==> flow/design.v <==
module selector_top #(
    parameter int NBITS = 2,
    parameter int N_IN = 8,
    parameter int LG = $clog2(N_IN)
) (
    input logic clk,
    input logic [N_IN*NBITS-1:0] in_din,
    input logic [LG-1:0] in_idx,
    output logic [NBITS-1:0] out_data_out
);
    logic [N_IN*NBITS-1:0] din_s;
    logic [LG-1:0] idx_s;
    always_ff @(posedge clk) begin
        din_s <= in_din;
        idx_s <= in_idx;
    end
    logic [N_IN-1:0] hot;
    assign hot = {{(N_IN-1){1'b0}}, 1'b1} << idx_s;
    logic [NBITS-1:0] cur;
    always_comb begin
        cur = 0;
        for (int i = 0; i < N_IN; i++)
            cur = cur | (din_s[i*NBITS +: NBITS] & {NBITS{hot[i]}});
    end
    always_ff @(posedge clk) begin
        out_data_out <= cur;
    end
endmodule
## Step by step through the tools: selector_top

Tool output for the design above, in the order of the flow.
Line numbers count from 1 in the design file above.
A cell with - has no value.

| set-up | value |
|---|---|
| top | selector_top |
| clock | clk |
| library | sky130hd |
| timing corner | tt_025C_1v80 |

## Elaborated design

Counts by Yosys on the flattened word-level netlist (proc, flatten, opt, wreduce; memories kept). Register bits leave out memories and registers merged into their read ports (data or address); mux counts leave out enables and synchronous resets folded into registers. Print and check cells are left out. Cells with the same type and inputs are merged into one.

| word-level totals | value |
|---|---|
| register bits | 21 |
| input port bits | 20 |
| output and inout bits | 2 |

| cells by class | value |
|---|---|
| shift-type cells | 1 |
| bitwise operators | 15 |

Operators by type and width:

| kind | count |
|---|---|
| 2-bit bitwise AND | 8 |
| 2-bit OR | 7 |
| 1-bit by 3-bit left shift with 8-bit output with constant A | 1 |

## Longest topological paths

Yosys ltp: most cells in a row. Word level: on the elaborated netlist, between registers, memories and ports. Mapped: between sequential cells and ports; inverters and the memories' decode and read muxes count.

| logic depth | value |
|---|---|
| depth in word-level cells | 9 |
| ABC_AREA | 0 |
| mapped depth | 2 |
| gate-level depth less buffers | 2 |

## Netlist

The flow's flattened synthesis, as Yosys stat reports it; memories are mapped. The netlist is that of the ABC_AREA named above (0 if unset); the other value can give another one.
The area totals of this step are shown rounded.

Cell types:

| cell | count |
|---|---|
| sky130_fd_sc_hd__dfxtp_1 | 21 |
| sky130_fd_sc_hd__mux4_1 | 4 |
| sky130_fd_sc_hd__mux2_2 | 2 |

| mapped netlist | value |
|---|---|
| cells in the netlist | 27 |
| synthesis area | 548 um^2 |
| flip-flop cells | 21 |

## Path before layout

OpenSTA on the mapped netlist: ideal clock, no wires. The path of least setup slack (recovery checks aside). Input and output delay are each 20% of the period. Register names are those of the netlist, which keeps one name where synthesis merged equal registers.

| timing path after synthesis | value |
|---|---|
| kind | register to register |
| from | register idx_s[0] |
| to | register out_data_out[0] |
| period | 1.63 ns |
| library setup time | 0.121 ns |
| launch time at the first pin | 0.000 ns |
| data arrival time | 1.182 ns |
| required time | 1.509 ns |
| slack | 0.328 ns |
| delay of the path | 1.303 ns |
| stages on the path | 3 |
| buffers on the path | 0 |
| period reached after synthesis | 1.302 ns |

"delay of the path" is the arrival time less input delay plus setup time.
"stages on the path": output pins that drive a net of the path, with the launching flip-flop's if there is one; two outputs of one cell count as two.
"period reached after synthesis" = period - worst setup slack (recovery checks aside). The figure is calculated, with input and output delays left at 20% of the set period.
The rows between start and end are the longest chain of elaborated cells between them; the timing report does not say that the signal goes this way. Where chains are equally long, one stands for them.
Each line given opens the expression or statement behind the cell; cells for indexed reads and writes are added by Yosys, which also makes memories of some case tables.

| on the way, after synthesis | value |
|---|---|
| cells stage by stage | sky130_fd_sc_hd__dfxtp_1 sky130_fd_sc_hd__mux4_1 sky130_fd_sc_hd__mux2_2 |
| cells in the longest elaborated chain | 9 |

Ends and longest elaborated chain, after synthesis:

| item | RTL line | text |
|---|---|---|
| start: declaration | 12 | `logic [LG-1:0] idx_s;` |
| start: assignment | 15 | `idx_s <= in_idx;` |
| 1-bit by 3-bit left shift with 8-bit output | 18 | `assign hot = {{(N_IN-1){1'b0}}, 1'b1} << idx_s;` |
| 2-bit bitwise AND | 23 | `cur = cur \| (din_s[i*NBITS +: NBITS] & {NBITS{hot[i]}});` |
| 2-bit OR (7 in a row) | 23 |  |
| end: assignment | 26 | `out_data_out <= cur;` |
| end: declaration | 9 | `output logic [NBITS-1:0] out_data_out` |

## Timing after layout

Path of least setup slack in the final report of run 1 (OpenROAD, finished layout, wires in). Where an end is a register, its clock arrival counts in the times.

| timing path after layout | value |
|---|---|
| kind | register to output |
| from | register out_data_out[0] |
| to | output out_data_out[0] |
| period | 1.63 ns |
| external output delay | 0.33 ns |
| launch time at the first pin | 0.29 ns |
| data arrival time | 1.13 ns |
| required time | 1.30 ns |
| slack | 0.17 ns |
| stages on the path | 2 |
| buffers on the path | 1 |

| on the way, after layout | value |
|---|---|
| cells stage by stage | sky130_fd_sc_hd__dfxtp_1 sky130_fd_sc_hd__clkdlybuf4s50_1 |
| cells in the longest elaborated chain | 0 |

Ends and longest elaborated chain, after layout:

| item | RTL line | text |
|---|---|---|
| start: declaration | 9 | `output logic [NBITS-1:0] out_data_out` |
| start: assignment | 26 | `out_data_out <= cur;` |
| end: declaration | 9 |  |

FLOW RESULTS
============

3 stored runs of selector_top in the flow (synthesis by Yosys, layout by OpenROAD, sky130hd cells), in arbitrary order. Constraints: input delay and output delay 20% of the set period each, output load 0.01 pF.
"worst path time" = time allowed to the worst setup path (clock period - input delay - output delay, where it has them) - its slack; a late launch clock adds to it, a late capture clock takes from it.
"overall power" rests on the timing tool's default activity at the inputs, not on a simulated workload.
Results are given in rounded form.

#### Run 1

| setting | value |
|---|---|
| period_ns | `1.63` |
| CAP_MARGIN | `20` |
| CORE_MARGIN | `2` |
| CORE_UTILIZATION | `40` |
| SLEW_MARGIN | `20` |

| result | value |
|---|---|
| smallest setup slack | 0.172 ns |
| full die area | 1680 um^2 |
| setup total negative slack | 0.000 ns |
| worst path time | 1.13 ns |
| kind of the worst setup path | register to output |
| standard-cell area of the final layout | 803 um^2 |
| overall power | 0.000875 W |
| post-synthesis cell area | 548 um^2 |

#### Run 2

| setting | value |
|---|---|
| period_ns | `1.46` |
| CORE_UTILIZATION | `56` |
| PLACE_DENSITY_LB_ADDON | `0.12` |
| CORE_ASPECT_RATIO | `0.75` |
| CELL_PAD_IN_SITES_DETAIL_PLACEMENT | `2` |
| GPL_TIMING_DRIVEN | `1` |
| GPL_ROUTABILITY_DRIVEN | `0` |
| CTS_CLUSTER_DIAMETER | `239` |
| MIN_ROUTING_LAYER | `met2` |
| CAP_MARGIN | `20` |
| CORE_MARGIN | `2` |
| SLEW_MARGIN | `20` |

Incomplete, floorplanning halted on PDN-0185.

#### Run 3

| setting | value |
|---|---|
| period_ns | `1.79` |
| CORE_UTILIZATION | `41` |
| PLACE_DENSITY | `0.44` |
| CORE_ASPECT_RATIO | `0.95` |
| CELL_PAD_IN_SITES_GLOBAL_PLACEMENT | `2` |
| GPL_TIMING_DRIVEN | `1` |
| GPL_ROUTABILITY_DRIVEN | `0` |
| CTS_CLUSTER_DIAMETER | `143` |
| CAP_MARGIN | `20` |
| MIN_ROUTING_LAYER | `met1` |
| CORE_MARGIN | `2` |
| SLEW_MARGIN | `20` |

| result | value |
|---|---|
| smallest setup slack | 0.283 ns |
| full die area | 1650 um^2 |
| setup total negative slack | 0.000 ns |
| worst path time | 1.15 ns |
| kind of the worst setup path | register to output |
| standard-cell area of the final layout | 803 um^2 |
| overall power | 0.000788 W |
| post-synthesis cell area | 548 um^2 |
